==> flow/design.v <==
module gen_sh_core_v2 #(
  parameter XLEN = 14,
  parameter SEL_W = $clog2(XLEN)
) (
  input  wire clk_i,
  input  wire [XLEN-1:0] ch_i,
  input  wire [SEL_W-1:0] n_i,
  output reg [XLEN-1:0] res_o
);
  reg [XLEN-1:0] t;
  integer k;
  always @* begin
    t = ch_i;
    for (k = 0; k < SEL_W; k = k + 1)
      if (n_i[k]) t = t << (1 << k);
  end
  always @(posedge clk_i)
    res_o <= t;
endmodule
Reports on gen_sh_core_v2
What the tools print for gen_sh_core_v2, step after step.
Line numbers count from 1 in the design file above.
Operators carry their Yosys type and port widths (W data, S select, Z words).
Library cell names are shortened.
{"block": "setup", "design": "gen_sh_core_v2", "clock_port": "clk_i", "library": "sky130hd", "pvt_corner": "tt_025C_1v80"}

Word level
Yosys after proc, flatten, opt, wreduce and memory -nomap, before mapping. Memory bits, and registers merged into a memory's read port (data or address), are not among the register bits. Print and check cells are not counted. Equal cells are merged and count once.
{"block": "word_totals", "input_bits": 19, "wordCells": 6, "output_inout_bits": 14, "reg_bits": 14}
{"block": "classes", "n_mux": 4}
{"block": "op_table", "operator": "$mux W14", "n": 4}

Logic depth
Longest topological path by Yosys (ltp), each cell counted once; first at word level (registers and memories cut), then after technology mapping (sequential cells cut; the memories' decode and read muxes count).
{"block": "logic_depth", "ltp_word": 4, "ABC_AREA": 0, "depth_mapped": 6, "ltp_nobuf": 4}

Mapped cells and area
The flow's flattened synthesis, as Yosys stat reports it; memories are mapped. The netlist is that of the ABC_AREA named above (0 if unset); the other value can give another one.
{"block": "by_type", "cell_type": "dfxtp_1", "n": 14}
{"block": "by_type", "cell_type": "mux2i_1", "n": 9}
{"block": "by_type", "cell_type": "mux4_1", "n": 3}
{"block": "by_type", "cell_type": "mux2_2", "n": 5}
{"block": "by_type", "cell_type": "mux2_4", "n": 3}
{"block": "by_type", "cell_type": "nor2_1", "n": 9}
{"block": "by_type", "cell_type": "nand2_1", "n": 7}
{"block": "by_type", "cell_type": "a21oi_1", "n": 5}
{"block": "by_type", "cell_type": "buf_6", "n": 2}
{"block": "by_type", "cell_type": "o211ai_1", "n": 3}
{"block": "by_type", "cell_type": "o21ai_0", "n": 3}
{"block": "by_type", "cell_type": "a211oi_2", "n": 1}
{"block": "by_type", "cell_type": "nand2b_1", "n": 2}
{"block": "by_type", "cell_type": "o22ai_1", "n": 2}
{"block": "by_type", "cell_type": "or2_2", "n": 2}
{"block": "by_type", "cell_type": "clkbuf_1", "n": 3}
{"block": "by_type", "cell_type": "inv_1", "n": 3}
{"block": "by_type", "cell_type": "a221o_1", "n": 1}
Other cell types: 13; their cells: 15.
{"block": "mapped", "yosys_area_um2": 877.1, "buffers": 7, "cells": 92, "flip_flops": 14}

Path before layout
OpenSTA on the mapped netlist: ideal clock, no wires. The path of least setup slack (recovery checks aside). Input and output delay are each 20% of the period. Register names are those of the netlist, which keeps one name where synthesis merged equal registers.
{"block": "synth_path", "kind": "in2reg", "startpoint": "input port n_i[1]", "endpoint": "register res_o[13]", "driving_pins": 5, "path_delay_ns": 1.083, "period_ns": 1.69, "path_buffers": 1, "in_delay_ns": 0.338, "setup_slack_ns": 0.269, "t_required_ns": 1.557, "arrival_time_ns": 1.288, "setup_ns": 0.133, "period_less_setup_slack_ns": 1.421}
"path_delay_ns" = arrival - input delay + setup time.
"driving_pins": output pins that drive a net of the path, with the launching flip-flop's if there is one; two outputs of one cell count as two.
"period_less_setup_slack_ns" is the clock period less the worst setup slack; recovery checks do not enter. This is arithmetic on one report: input and output delays are still those of the set period (20% each).
Between the ends stands the longest chain of elaborated cells between them, by number of cells; it is not shown to be the way that was timed. Of several equally long chains one is given.
A line is the first line of the expression or statement that the cell stems from. Yosys adds cells for indexed reads and writes and turns some case tables into memories.
{"block": "synth_between", "cell_sequence": "buf_6 > mux2_4 > mux2_4 > a211oi_2 > a21oi_1", "elab_chain_len": 3, "cells_between": 3, "cone_lines": 1, "classes_between": "3 x mux"}
{"block": "synth_lines", "item": "from (decl)", "line": 7, "text": "input  wire [SEL_W-1:0] n_i,"}
{"block": "synth_lines", "item": "$mux W14 x3", "line": 15, "text": "if (n_i[k]) t = t << (1 << k);"}
{"block": "synth_lines", "item": "to (assign)", "line": 18, "text": "res_o <= t;"}
{"block": "synth_lines", "item": "to (decl)", "line": 8, "text": "output reg [XLEN-1:0] res_o"}

Path in the finished layout
Path of least setup slack in the final report of record 1 (OpenROAD, finished layout, wires in). Where an end is a register, its clock arrival counts in the times.
{"block": "layout_path", "kind": "in2reg", "startpoint": "input port n_i[1]", "endpoint": "register res_o[13]", "arrival_time_ns": 1.32, "in_delay_ns": 0.22, "setup_slack_ns": -0.08, "t_required_ns": 1.24, "setup_ns": 0.11, "driving_pins": 6, "path_buffers": 2, "period_ns": 1.11}
Between the ends stands the longest chain of elaborated cells between them, by number of cells; it is not shown to be the way that was timed. Of several equally long chains one is given.
{"block": "layout_between", "cell_sequence": "buf_12 > buf_12 > mux2_4 > mux2_4 > a211oi_2 > a21oi_1", "elab_chain_len": 3, "cells_between": 3, "cone_lines": 1, "classes_between": "3 x mux"}
{"block": "layout_lines", "item": "from (decl)", "line": 7, "text": "input  wire [SEL_W-1:0] n_i,"}
{"block": "layout_lines", "item": "$mux W14 x3", "line": 15, "text": "if (n_i[k]) t = t << (1 << k);"}
{"block": "layout_lines", "item": "to (assign)", "line": 18, "text": "res_o <= t;"}
{"block": "layout_lines", "item": "to (decl)", "line": 8, "text": "output reg [XLEN-1:0] res_o"}

Data sheet: physical implementation of gen_sh_core_v2

Module gen_sh_core_v2, platform sky130hd: 3 stored runs of the flow (Yosys, OpenROAD) with differing settings, in no particular order. Input and output delays are each 20% of the period that was set; the output load is 0.01 pF.
"clock_period_reached_ns" = clock period - worst setup slack. The figure is calculated, with input and output delays left at 20% of the set period.
"worst_setup_path_time_ns" = time allowed to the worst setup path (clock period - input delay - output delay, where it has them) - its slack; a late launch clock adds to it, a late capture clock takes from it.
"design_power_uw": no workload was simulated; the value follows from the tool's default switching activity.

{"run": "record 1", "settings": { "period_ns": 1.11, "CORE_UTILIZATION": 17, "PLACE_DENSITY_LB_ADDON": 0.14, "CELL_PAD_IN_SITES_GLOBAL_PLACEMENT": 0, "CELL_PAD_IN_SITES_DETAIL_PLACEMENT": 1, "TNS_END_PERCENT": 35, "ABC_AREA": 0, "CTS_CLUSTER_DIAMETER": 117, "MIN_ROUTING_LAYER": "met2", "MAX_ROUTING_LAYER": "met5", "CAP_MARGIN": 20, "CORE_MARGIN": 2, "SLEW_MARGIN": 20 }, "results": { "total_negative_slack_ns": -0.251, "worst_setup_path_time_ns": 0.97, "timing.worst_path_kind": "in2reg", "finalCellArea_um2": 1634.1, "design.die.area_um2": 5750.2, "design_power_uw": 1619, "worst_setup_slack_ns": -0.082, "clock_period_reached_ns": 1.192, "final_hold_ws_ns": 0.392, "post_synth_area_um2": 877.1, "util_frac": 0.324 }}
{"run": "record 2", "settings": { "period_ns": 1.83, "CORE_UTILIZATION": 34, "SETUP_SLACK_MARGIN": 0.37, "PLACE_DENSITY_LB_ADDON": 0.25, "CORE_MARGIN": 5, "CAP_MARGIN": 40, "SLEW_MARGIN": 30, "MAX_ROUTING_LAYER": "met5" }, "results": { "total_negative_slack_ns": 0.000, "worst_setup_path_time_ns": 1.09, "timing.worst_path_kind": "in2reg", "finalCellArea_um2": 1441.4, "design.die.area_um2": 3695.4, "design_power_uw": 840.2, "worst_setup_slack_ns": 0.372, "clock_period_reached_ns": 1.458, "final_hold_ws_ns": 0.545, "post_synth_area_um2": 877.1, "util_frac": 0.582 }}
{"run": "record 3", "settings": { "period_ns": 1.69, "CAP_MARGIN": 20, "CORE_MARGIN": 2, "CORE_UTILIZATION": 40, "SLEW_MARGIN": 20 }, "results": { "total_negative_slack_ns": 0.000, "worst_setup_path_time_ns": 1.21, "timing.worst_path_kind": "in2reg", "finalCellArea_um2": 1397.6, "design.die.area_um2": 2583.2, "design_power_uw": 901.8, "worst_setup_slack_ns": 0.143, "clock_period_reached_ns": 1.547, "final_hold_ws_ns": 0.707, "post_synth_area_um2": 877.1, "util_frac": 0.691 }}
